==> flow/design.v <==
module cpu_relation_n #(
    parameter integer W = 5,
    parameter integer COUNT = 3
) (
    input wire clk,
    input wire RSTN,
    input wire step,
    input wire [COUNT*W-1:0] in_i,
    output reg [W-1:0] high_o
);
    reg [W-1:0] nxt;
    integer n;
    always @(*) begin
        nxt = in_i[W-1:0];
        for (n = 1; n < COUNT; n = n + 1)
            if (in_i[n*W +: W] > nxt) nxt = in_i[n*W +: W];
    end
    always @(posedge clk or negedge RSTN) begin
        if (!RSTN) begin
            high_o <= 0;
        end else if (step) begin
            high_o <= nxt;
        end
    end
endmodule
# Step by step through the tools: cpu_relation_n
# Tool output for the members of one design family, told apart by "W", in the order of the flow.
# The file above is the member W 5. Line numbers count from 1 in each member's own file.
# Cell names lack the library's common part.
# The mark - stands for no value.
# inputs
design,cpu_relation_n
clock,clk
library,sky130hd
pvt_corner,tt_025C_1v80

# Source of the members
# New or changed lines of each further member against the RTL above, in its own file; lines it lacks are not shown.
# changed_lines
W,line_no,text
7,2,"parameter integer W = 7,"
8,2,"parameter integer W = 8,"
12,2,"parameter integer W = 12,"
40,2,"parameter integer W = 40,"

# Word-level counts
# Yosys after proc, flatten, opt, wreduce and memory -nomap, before mapping. Enables and synchronous resets that opt folds into registers are not counted as muxes. Memory bits, and registers merged into a memory's read port (data or address), are not among the register bits. Print and check cells are not counted. Equal cells are merged and count once.
# op_classes
W,addsub,n_mul,div,n_cmp,n_eq,shift,mux,n_logic,reduce_and_logical
5,0,0,0,2,0,0,2,0,0
7,0,0,0,2,0,0,2,0,0
8,0,0,0,2,0,0,2,0,0
12,0,0,0,2,0,0,2,0,0
40,0,0,0,2,0,0,2,0,0
# op_table
W,op_list
5,2 x 5-bit greater-than comparator; 2 x 5-bit 2-to-1 mux
7,2 x 7-bit greater-than comparator; 2 x 7-bit 2-to-1 mux
8,2 x 8-bit greater-than comparator; 2 x 8-bit 2-to-1 mux
12,2 x 12-bit greater-than comparator; 2 x 12-bit 2-to-1 mux
40,2 x 40-bit greater-than comparator; 2 x 40-bit 2-to-1 mux
# bits
W,ff_bits,latchBits,mem_bits_rw,romBits,clocked_rd_ports_x_width,memories,inputBits,output_inout_bits,word_cells
5,5,0,0,0,0,0,18,5,5
7,7,0,0,0,0,0,24,7,5
8,8,0,0,0,0,0,27,8,5
12,12,0,0,0,0,0,39,12,5
40,40,0,0,0,0,0,123,40,5

# Depth
# Depth = most cells in a row (Yosys ltp): at word level without a register or memory, in the mapped netlist without a sequential cell, where the memories' decode and read muxes count.
# logic_depth
W,ltp_word,abc_area,ltp_mapped,ltp_nobuf
5,4,0,12,12
7,4,0,13,13
8,4,0,15,14
12,4,0,16,14
40,4,0,19,17

# After synthesis
# Source: synth_stat.txt of the flow (Yosys; design flattened, memories mapped). It holds for the ABC_AREA given above (unset counts as 0); a run with the other value may have another netlist.
# mapped
W,stdcells,yosys_area_um2,sequential_area_um2,ffs,buffers
5,60,544.3,125.1,5,0
7,84,769.5,175.2,7,1
8,91,845.8,200.2,8,2
12,141,1255.0,300.3,12,4
40,538,4819.6,1001.0,40,38
# types
W,type_list
5,5 x dfrtp_1; 10 x ha_1; 13 x inv_1; 4 x mux2i_1; 4 x o221ai_1; 4 x nand2b_1; 1 x o311ai_2; 3 x a21oi_1; 1 x mux2_4; 1 x nand4_2; 1 x o22ai_2; 1 x a31o_1; 1 x a21boi_1; 2 x nand2_1; 2 x nor2_1; 1 x o31ai_1; 1 x nand4_1; 1 x nor2_2; (+4)
7,7 x dfrtp_1; 14 x ha_1; 7 x mux2i_1; 15 x inv_1; 6 x o221ai_1; 8 x nand3_1; 4 x a21oi_2; 3 x nand3b_1; 1 x o21bai_4; 1 x o31a_4; 1 x nand2b_4; 1 x a211oi_2; 2 x nand4_1; 3 x nor2_1; 2 x a21oi_1; 2 x nand2_1; 1 x o211ai_1; 1 x nand2b_1; (+5)
8,8 x dfrtp_1; 16 x ha_1; 8 x mux2i_1; 8 x a31oi_1; 8 x nor2b_1; 9 x o21ai_1; 10 x inv_1; 7 x a21oi_1; 1 x o22ai_4; 3 x nand4_1; 1 x nand2b_4; 1 x nor2b_4; 1 x nand4_2; 1 x o211ai_2; 2 x buf_2; 1 x a21oi_2; 1 x nand4b_1; 1 x o22a_1; (+4)
12,12 x dfrtp_1; 24 x ha_1; 11 x mux2i_1; 28 x inv_1; 11 x o221ai_1; 10 x nand2b_1; 11 x a21oi_1; 6 x nand4_1; 4 x o211ai_1; 1 x a31oi_4; 3 x nor2b_1; 4 x nand2_1; 3 x o21ai_0; 1 x buf_6; 3 x clkbuf_1; 1 x mux2_2; 1 x a221o_1; 2 x nor3_1; (+5)
40,40 x dfrtp_1; 80 x ha_1; 39 x a32oi_2; 40 x a41oi_1; 42 x nor2b_1; 45 x o21ai_1; 36 x a21oi_1; 47 x nor2_1; 43 x inv_1; 16 x nand4_1; 4 x buf_12; 21 x clkbuf_1; 17 x nand2_1; 3 x nand4_4; 12 x buf_2; 8 x o21ai_0; 7 x nand3_1; 3 x a211oi_1; (+35)
# A list marked (+n) leaves out that many cells.

# Timing after synthesis
# Path of least setup slack by OpenSTA after synthesis, without wires, with an ideal clock, recovery checks aside; 20% of the period is set as input and as output delay. Where synthesis merged equal registers, the netlist keeps one of their names.
# synth_timing
W,path_type,start,end,clock_period_ns,slack_ns,stages,path_delay_ns,period_less_setup_slack_ns
5,input-to-reg,in in_i[4],reg high_o[0],3.63,0.579,12,2.325,3.051
7,input-to-reg,in in_i[2],reg high_o[0],3.59,0.572,12,2.300,3.018
8,input-to-reg,in in_i[1],reg high_o[1],3.9,0.622,15,2.498,3.278
12,input-to-reg,in in_i[1],reg high_o[10],4.45,0.709,15,2.851,3.741
40,input-to-reg,in in_i[19],reg high_o[0],5.34,0.852,18,3.420,4.488
# "path_delay_ns" = arrival - input delay + setup time.
# "stages": output pins that drive a net of the path, with the launching flip-flop's if there is one; two outputs of one cell count as two.
# "period_less_setup_slack_ns" = period - worst setup slack (recovery checks aside). The figure is calculated, with input and output delays left at 20% of the set period.
# The rows between start and end are the longest chain of elaborated cells between them; the timing report does not say that the signal goes this way. Where chains are equally long, one stands for them.
# Each line given opens the expression or statement behind the cell; cells for indexed reads and writes are added by Yosys, which also makes memories of some case tables.
# synth_via_W_5
elab_chain_cells,4
# synth_lines_W_5
item,line_no,text
from (decl),8,"input wire [COUNT*W-1:0] in_i,"
5-bit greater-than comparator,16,if (in_i[n*W +: W] > nxt) nxt = in_i[n*W +: W];
5-bit 2-to-1 mux,16,
5-bit greater-than comparator,16,
5-bit 2-to-1 mux,16,
to (assign),20,high_o <= 0;
to (assign),22,high_o <= nxt;
to (decl),9,output reg [W-1:0] high_o
# synth_via_W_40
elab_chain_cells,4
# synth_lines_W_40
item,line_no,text
from (decl),8,"input wire [COUNT*W-1:0] in_i,"
40-bit greater-than comparator,16,if (in_i[n*W +: W] > nxt) nxt = in_i[n*W +: W];
40-bit 2-to-1 mux,16,
40-bit greater-than comparator,16,
40-bit 2-to-1 mux,16,
to (assign),20,high_o <= 0;
to (assign),22,high_o <= nxt;
to (decl),9,output reg [W-1:0] high_o

# Worst path after layout
# From the final timing report of each member's run: the path of least setup slack in the routed layout; clock arrival at registers is part of the times.
# layout_timing
W,path_type,start,end,clock_period_ns,slack_ns,stages,arrival_time_ns
5,input-to-reg,in in_i[4],reg high_o[4],3.63,0.29,14,3.44
7,input-to-reg,in in_i[4],reg high_o[0],3.59,0.15,13,3.61
8,input-to-reg,in in_i[1],reg high_o[7],3.9,0.25,15,3.82
12,input-to-reg,in in_i[1],reg high_o[0],4.45,0.22,17,4.38
40,input-to-reg,in in_i[14],reg high_o[39],5.34,-0.05,20,5.60

# Flow runs
# Settings and results of one run of the flow (Yosys, OpenROAD) for each member follow. The constraints put input and output delay at 20% of the set period each and load the outputs with 0.01 pF.
# settings
CAP_MARGIN,20
CORE_MARGIN,2
CORE_UTILIZATION,40
SLEW_MARGIN,20
# settings_diff
W,period_ns
5,3.63
7,3.59
8,3.9
12,4.45
40,5.34
# results
W,post_synth_area_um2,final_die_area_um2,finalCellArea_um2,post_route_util_pct,fin_ws_ns,fin_tns_ns,hold_ws_ns,final_power_mw,achievedPeriod_ns
5,544.3,1671.6,852.1,66.3,0.288,0.000,0.498,0.2806,3.342
7,769.5,2290.6,1286.2,72.9,0.147,0.000,0.523,0.4038,3.443
8,845.8,2498.5,1252.5,63.2,0.254,0.000,0.607,0.3685,3.646
12,1255.0,3601.2,1874.3,61.9,0.223,0.000,0.490,0.4675,4.227
40,4819.6,12943.6,8627.0,72.7,-0.051,-0.824,0.606,1.901,5.391
# "achievedPeriod_ns" means the clock period less the worst setup slack. The figure is calculated, with input and output delays left at 20% of the set period.
# "final_power_mw" is the tool's figure for a default switching activity; nothing was simulated.
